==> flow/design.v <==
module add_rtl #(
    parameter integer DWIDTH = 120,
    parameter integer GROUP = 2
) (
    input wire aclk,
    input wire nrst,
    input wire clk_en,
    input wire [DWIDTH-1:0] dataa,
    input wire [DWIDTH-1:0] datab,
    input wire carry_in,
    output reg [DWIDTH-1:0] res,
    output reg carry_out
);
    localparam GROUPS = DWIDTH / GROUP;
    wire [DWIDTH-1:0] r;
    wire [GROUPS:0] c;
    assign c[0] = carry_in;
    genvar g;
    generate
        for (g = 0; g < GROUPS; g = g + 1) begin : row
            wire [GROUP:0] s0 = dataa[g*GROUP +: GROUP] + datab[g*GROUP +: GROUP];
            wire [GROUP:0] s1 = dataa[g*GROUP +: GROUP] + datab[g*GROUP +: GROUP] + 1'b1;
            assign {c[g+1], r[g*GROUP +: GROUP]} = c[g] ? s1 : s0;
        end
    endgenerate
    always @(posedge aclk or negedge nrst) begin
        if (~nrst) begin
            res <= 0;
            carry_out <= 1'b0;
        end else if (clk_en) begin
            res <= r;
            carry_out <= c[GROUPS];
        end
    end
endmodule
# Reports on add_rtl

Tool output for the design above, in the order of the flow.
Line numbers count from 1 in the design file above.
Operators: Yosys type, input widths -> output width; for muxes data width and select width s.
Library cell names are shortened.
A cell with n/a has no value.

Top: add_rtl
Clock input: aclk
Library: sky130hd
Corner: tt_025C_1v80

# Elaborated design

Yosys after proc, flatten, opt, wreduce and memory -nomap, before mapping. Enables and synchronous resets that opt folds into registers are not counted as muxes. Memory bits, and registers merged into a memory's read port (data or address), are not among the register bits. Print and check cells are not counted. Equal cells are merged and count once.

Register bits after elaboration: 121
Bits of input ports: 244
Output and inout port bits: 121
Cells after elaboration: 182

Add/sub/neg operators: 120
Multiplexer cells: 60

Operators with widths:

| operator            | number |
| $add 2x2->3         | 60 |
| $add 3x1->3 const B | 60 |
| $mux 3              | 60 |

# Logic depth

Longest topological path by Yosys (ltp), each cell counted once; first at word level (registers and memories cut), then after technology mapping (sequential cells cut; the memories' decode and read muxes count).

Depth in word-level cells: 62
ABC_AREA: 0
Gate-level depth with buffers: 53
Gate-level depth less buffers: 53

# Synthesis result

The flow's flattened synthesis, as Yosys stat reports it; memories are mapped. The netlist is that of the ABC_AREA named above (0 if unset); the other value can give another one.
The area totals of this step are shown rounded.

Cell count: 1176
Mapped area: 11860 um2
Sequential part of the area: 3028 um2
Mapped flip-flops: 121
Buffers: 34

Cells by type:

| type     | number | area in all (um2) |
| dfrtp_1  | 121    | 3.03E+03 |
| ha_1     | 120    | 1501.44 |
| fa_1     | 60     | 1.2E+03 |
| xnor2_1  | 93     | 814.531 |
| mux2_2   | 52     | 585.562 |
| mux2i_1  | 54     | 540.518 |
| nor2_1   | 114    | 427.91 |
| a21oi_1  | 78     | 390.374 |
| a311oi_4 | 8      | 210.202 |
| nand4_1  | 33     | 206.448 |
| inv_1    | 49     | 183.926 |
| nor2b_1  | 29     | 181.424 |
| nand3b_1 | 23     | 172.666 |
| a31oi_1  | 26     | 162.656 |
| nand3_1  | 31     | 155.149 |
| nand4b_1 | 16     | 140.134 |
| nor4_1   | 21     | 131.376 |
| nand2_1  | 32     | 120.115 |

Not listed: further types 61, cells in them 216.

# Worst setup path after synthesis

Source: OpenSTA report_checks on the synthesized netlist (no wires, ideal clock, input and output delay 20% of the period each), path of least setup slack; recovery checks are left aside. Register names are those of the netlist, which keeps one name where synthesis merged equal registers.

Kind: input port to flip-flop
From: input dataa[0]
To: register res[118]
Clock period: 19.9 ns
External input delay: 3.980 ns
Setup time: 0.090 ns
Time at the first pin: 3.980 ns
Arrival: 16.654 ns
Required time: 19.810 ns
Setup slack: 3.155 ns
Delay of the path: 12.764 ns
Stages on the path: 53
Path buffers: 0
Period reached after synthesis: 16.745 ns

"delay of the path" = arrival - input delay + setup time.
"stages on the path": output pins that drive a net of the path, with the launching flip-flop's if there is one; two outputs of one cell count as two.
"period reached after synthesis" = period - worst setup slack (recovery checks aside). The figure is calculated, with input and output delays left at 20% of the set period.
Between the ends stands the longest chain of elaborated cells between them, by number of cells; it is not shown to be the way that was timed. Of several equally long chains one is given.
Each line given opens the expression or statement behind the cell; cells for indexed reads and writes are added by Yosys, which also makes memories of some case tables.

Path through: ha_1 -> inv_1 -> fa_1 -> inv_1 -> ha_1 -> a21bo_2 -> a31o_1 -> a311o_1 -> a32o_1 -> a311oi_1 -> nor3_1 -> a311oi_4 -> a21bo_2 -> a311oi_2 -> nor3_1 -> a311oi_4 -> a21bo_2 -> a311oi_2 -> [17 not listed] -> nor3_4 -> a21bo_2 -> a311oi_2 -> nor3_1 -> a311oi_4 -> a21oi_1 -> nor4_1 -> nor4_1 -> a311oi_4 -> a21o_1 -> nand3_2 -> o41a_1 -> or4_4 -> o2111ai_2 -> o2111ai_1 -> and4_1 -> or4_1 -> o221ai_1
Cells in the longest elaborated chain: 62
Elaborated cells on any way between the ends: 62
Those cells by class: 2 x add/sub; 60 x mux

Ends and longest elaborated chain, after synthesis:

| element              | RTL line | source |
| from (decl)          | 8        | `input wire [DWIDTH-1:0] dataa,` |
| $add 2x2->3          | 22       | `wire [GROUP:0] s1 = dataa[g*GROUP +: GROUP] + datab[g*GROUP +: GROUP] + 1'b1;` |
| $add 3x1->3          | 22       |  |
| $mux 3 (60 in a row) | 23       | `assign {c[g+1], r[g*GROUP +: GROUP]} = c[g] ? s1 : s0;` |
| to (assign)          | 28       | `res <= 0;` |
| to (assign)          | 31       | `res <= r;` |
| to (decl)            | 11       | `output reg [DWIDTH-1:0] res,` |

# Worst path after layout

Path of least setup slack in the final report of run 1 (OpenROAD, finished layout, wires in). Where an end is a register, its clock arrival counts in the times.

Kind: input port to flip-flop
From: input datab[0]
To: register res[118]
Clock period: 19.9 ns
External input delay: 3.98 ns
Setup time: 0.09 ns
Time at the first pin: 3.98 ns
Arrival: 18.65 ns
Required time: 20.24 ns
Setup slack: 1.59 ns
Stages on the path: 54
Path buffers: 1

Between the ends stands the longest chain of elaborated cells between them, by number of cells; it is not shown to be the way that was timed. Of several equally long chains one is given.

Path through: clkdlybuf4s50_1 -> ha_1 -> inv_1 -> fa_1 -> inv_1 -> ha_1 -> a21bo_2 -> a31o_1 -> a311o_1 -> a32o_1 -> a311oi_1 -> nor3_1 -> a311oi_4 -> a21bo_2 -> a311oi_2 -> nor3_1 -> a311oi_4 -> a21oi_1 -> [18 not listed] -> nor3_4 -> a21bo_2 -> a311oi_2 -> nor3_1 -> a311oi_4 -> a21oi_1 -> nor4_1 -> nor4_1 -> a311oi_4 -> a21o_1 -> nand3_2 -> o41a_1 -> or4_4 -> o2111ai_2 -> o2111ai_1 -> and4_1 -> or4_1 -> o221ai_1
Cells in the longest elaborated chain: 62
Elaborated cells on any way between the ends: 62
Those cells by class: 2 x add/sub; 60 x mux

Ends and longest elaborated chain, after layout:

| element              | RTL line | source |
| from (decl)          | 9        | `input wire [DWIDTH-1:0] datab,` |
| $add 2x2->3          | 22       | `wire [GROUP:0] s1 = dataa[g*GROUP +: GROUP] + datab[g*GROUP +: GROUP] + 1'b1;` |
| $add 3x1->3          | 22       |  |
| $mux 3 (60 in a row) | 23       | `assign {c[g+1], r[g*GROUP +: GROUP]} = c[g] ? s1 : s0;` |
| to (assign)          | 28       | `res <= 0;` |
| to (assign)          | 31       | `res <= r;` |
| to (decl)            | 11       | `output reg [DWIDTH-1:0] res,` |

Appendix: measured runs

Measured data: module add_rtl, platform sky130hd, 3 stored runs of the flow under differing settings, order arbitrary. Input and output delays are each 20% of the period that was set; the output load is 0.01 pF.
"achieved clock period" is the run's clock period less its worst setup slack. It is reckoned from that one timing run; input and output delays stay at 20% of the period that was set.
"critical path time" = time allowed to the worst setup path (clock period - input delay - output delay, where it has them) - its slack; a late launch clock adds to it, a late capture clock takes from it.
By "total design power" is meant OpenSTA's value without simulated activity: inputs other than the clock are taken to toggle once in ten clock periods, and the tool carries that through the logic.
The results are shown rounded.

## Run 1

==> flow/run.sh <==
#!/bin/bash
# the make line also repeats the synthesis and layout settings of config.mk as NAME=value (left out here)
make -C /OpenROAD-flow-scripts/flow DESIGN_CONFIG=/design/flow/config.mk WORK_HOME=/design/flow/orfs CLKGATE_MAP_FILE= finish
==> flow/config.mk <==
export PLATFORM = sky130hd
export DESIGN_NAME = add_rtl
export DESIGN_NICKNAME = add_rtl
export VERILOG_FILES = /design/flow/design.v
export SDC_FILE = /design/flow/constraint.sdc
export NUM_CORES = 4
export LEC_CHECK = 0
export CAP_MARGIN = 20
export CORE_MARGIN = 2
export CORE_UTILIZATION = 40
export SLEW_MARGIN = 20
==> flow/constraint.sdc <==
create_clock -name core_clock -period 19.9 [get_ports {aclk}]
set_input_delay 3.9800 -clock core_clock [delete_from_list [all_inputs] [get_ports {aclk}]]
set_output_delay 3.9800 -clock core_clock [all_outputs]
set_load 0.01 [all_outputs]

| result of run 1 | value |
|---|---|
| standard-cell area after layout | 16520 um2 |
| sum of negative setup slack | 0.000 ns |
| area of the synthesized netlist | 11860 um2 |
| worst slack on setup checks | 1.588 ns |
| utilization of the finished layout | 56.2 % |
| worst hold slack | 0.504 ns |
| die size | 31050 um2 |
| achieved clock period | 18.312 ns |
| total design power | 1297 uW |
| critical path time | 14.33 ns |
| type of the worst setup path | input port to flip-flop |

## Run 2

==> flow/run.sh <==
#!/bin/bash
# the make line also repeats the synthesis and layout settings of config.mk as NAME=value (left out here)
make -C /OpenROAD-flow-scripts/flow DESIGN_CONFIG=/design/flow/config.mk WORK_HOME=/design/flow/orfs CLKGATE_MAP_FILE= finish
==> flow/config.mk <==
export PLATFORM = sky130hd
export DESIGN_NAME = add_rtl
export DESIGN_NICKNAME = add_rtl
export VERILOG_FILES = /design/flow/design.v
export SDC_FILE = /design/flow/constraint.sdc
export NUM_CORES = 4
export LEC_CHECK = 0
export CAP_MARGIN = 40
export CELL_PAD_IN_SITES_DETAIL_PLACEMENT = 1
export CORE_MARGIN = 2
export CORE_UTILIZATION = 59
export CTS_CLUSTER_SIZE = 89
export GPL_ROUTABILITY_DRIVEN = 1
export GPL_TIMING_DRIVEN = 0
export HOLD_SLACK_MARGIN = 0.24
export MAX_ROUTING_LAYER = met5
export PLACE_DENSITY_LB_ADDON = 0.15
export SETUP_SLACK_MARGIN = 1.34
export SLEW_MARGIN = 20
==> flow/constraint.sdc <==
create_clock -name core_clock -period 30.1 [get_ports {aclk}]
set_input_delay 6.0200 -clock core_clock [delete_from_list [all_inputs] [get_ports {aclk}]]
set_output_delay 6.0200 -clock core_clock [all_outputs]
set_load 0.01 [all_outputs]

Run 2: no final report: placement broke off with DPL-0033

## Run 3

==> flow/run.sh <==
#!/bin/bash
# the make line also repeats the synthesis and layout settings of config.mk as NAME=value (left out here)
make -C /OpenROAD-flow-scripts/flow DESIGN_CONFIG=/design/flow/config.mk WORK_HOME=/design/flow/orfs CLKGATE_MAP_FILE= finish
==> flow/config.mk <==
export PLATFORM = sky130hd
export DESIGN_NAME = add_rtl
export DESIGN_NICKNAME = add_rtl
export VERILOG_FILES = /design/flow/design.v
export SDC_FILE = /design/flow/constraint.sdc
export NUM_CORES = 4
export LEC_CHECK = 0
export CAP_MARGIN = 25
export CORE_MARGIN = 2
export CORE_UTILIZATION = 28
export GPL_ROUTABILITY_DRIVEN = 1
export MIN_ROUTING_LAYER = met2
export PLACE_DENSITY_LB_ADDON = 0.28
export SETUP_SLACK_MARGIN = -1.69
export SLEW_MARGIN = 20
==> flow/constraint.sdc <==
create_clock -name core_clock -period 19.4 [get_ports {aclk}]
set_input_delay 3.8800 -clock core_clock [delete_from_list [all_inputs] [get_ports {aclk}]]
set_output_delay 3.8800 -clock core_clock [all_outputs]
set_load 0.01 [all_outputs]

| result of run 3 | value |
|---|---|
| standard-cell area after layout | 16660 um2 |
| sum of negative setup slack | 0.000 ns |
| area of the synthesized netlist | 11860 um2 |
| worst slack on setup checks | 0.717 ns |
| utilization of the finished layout | 39.8 % |
| worst hold slack | 0.501 ns |
| die size | 44030 um2 |
| achieved clock period | 18.683 ns |
| total design power | 1323 uW |
| critical path time | 14.80 ns |
| type of the worst setup path | input port to flip-flop |
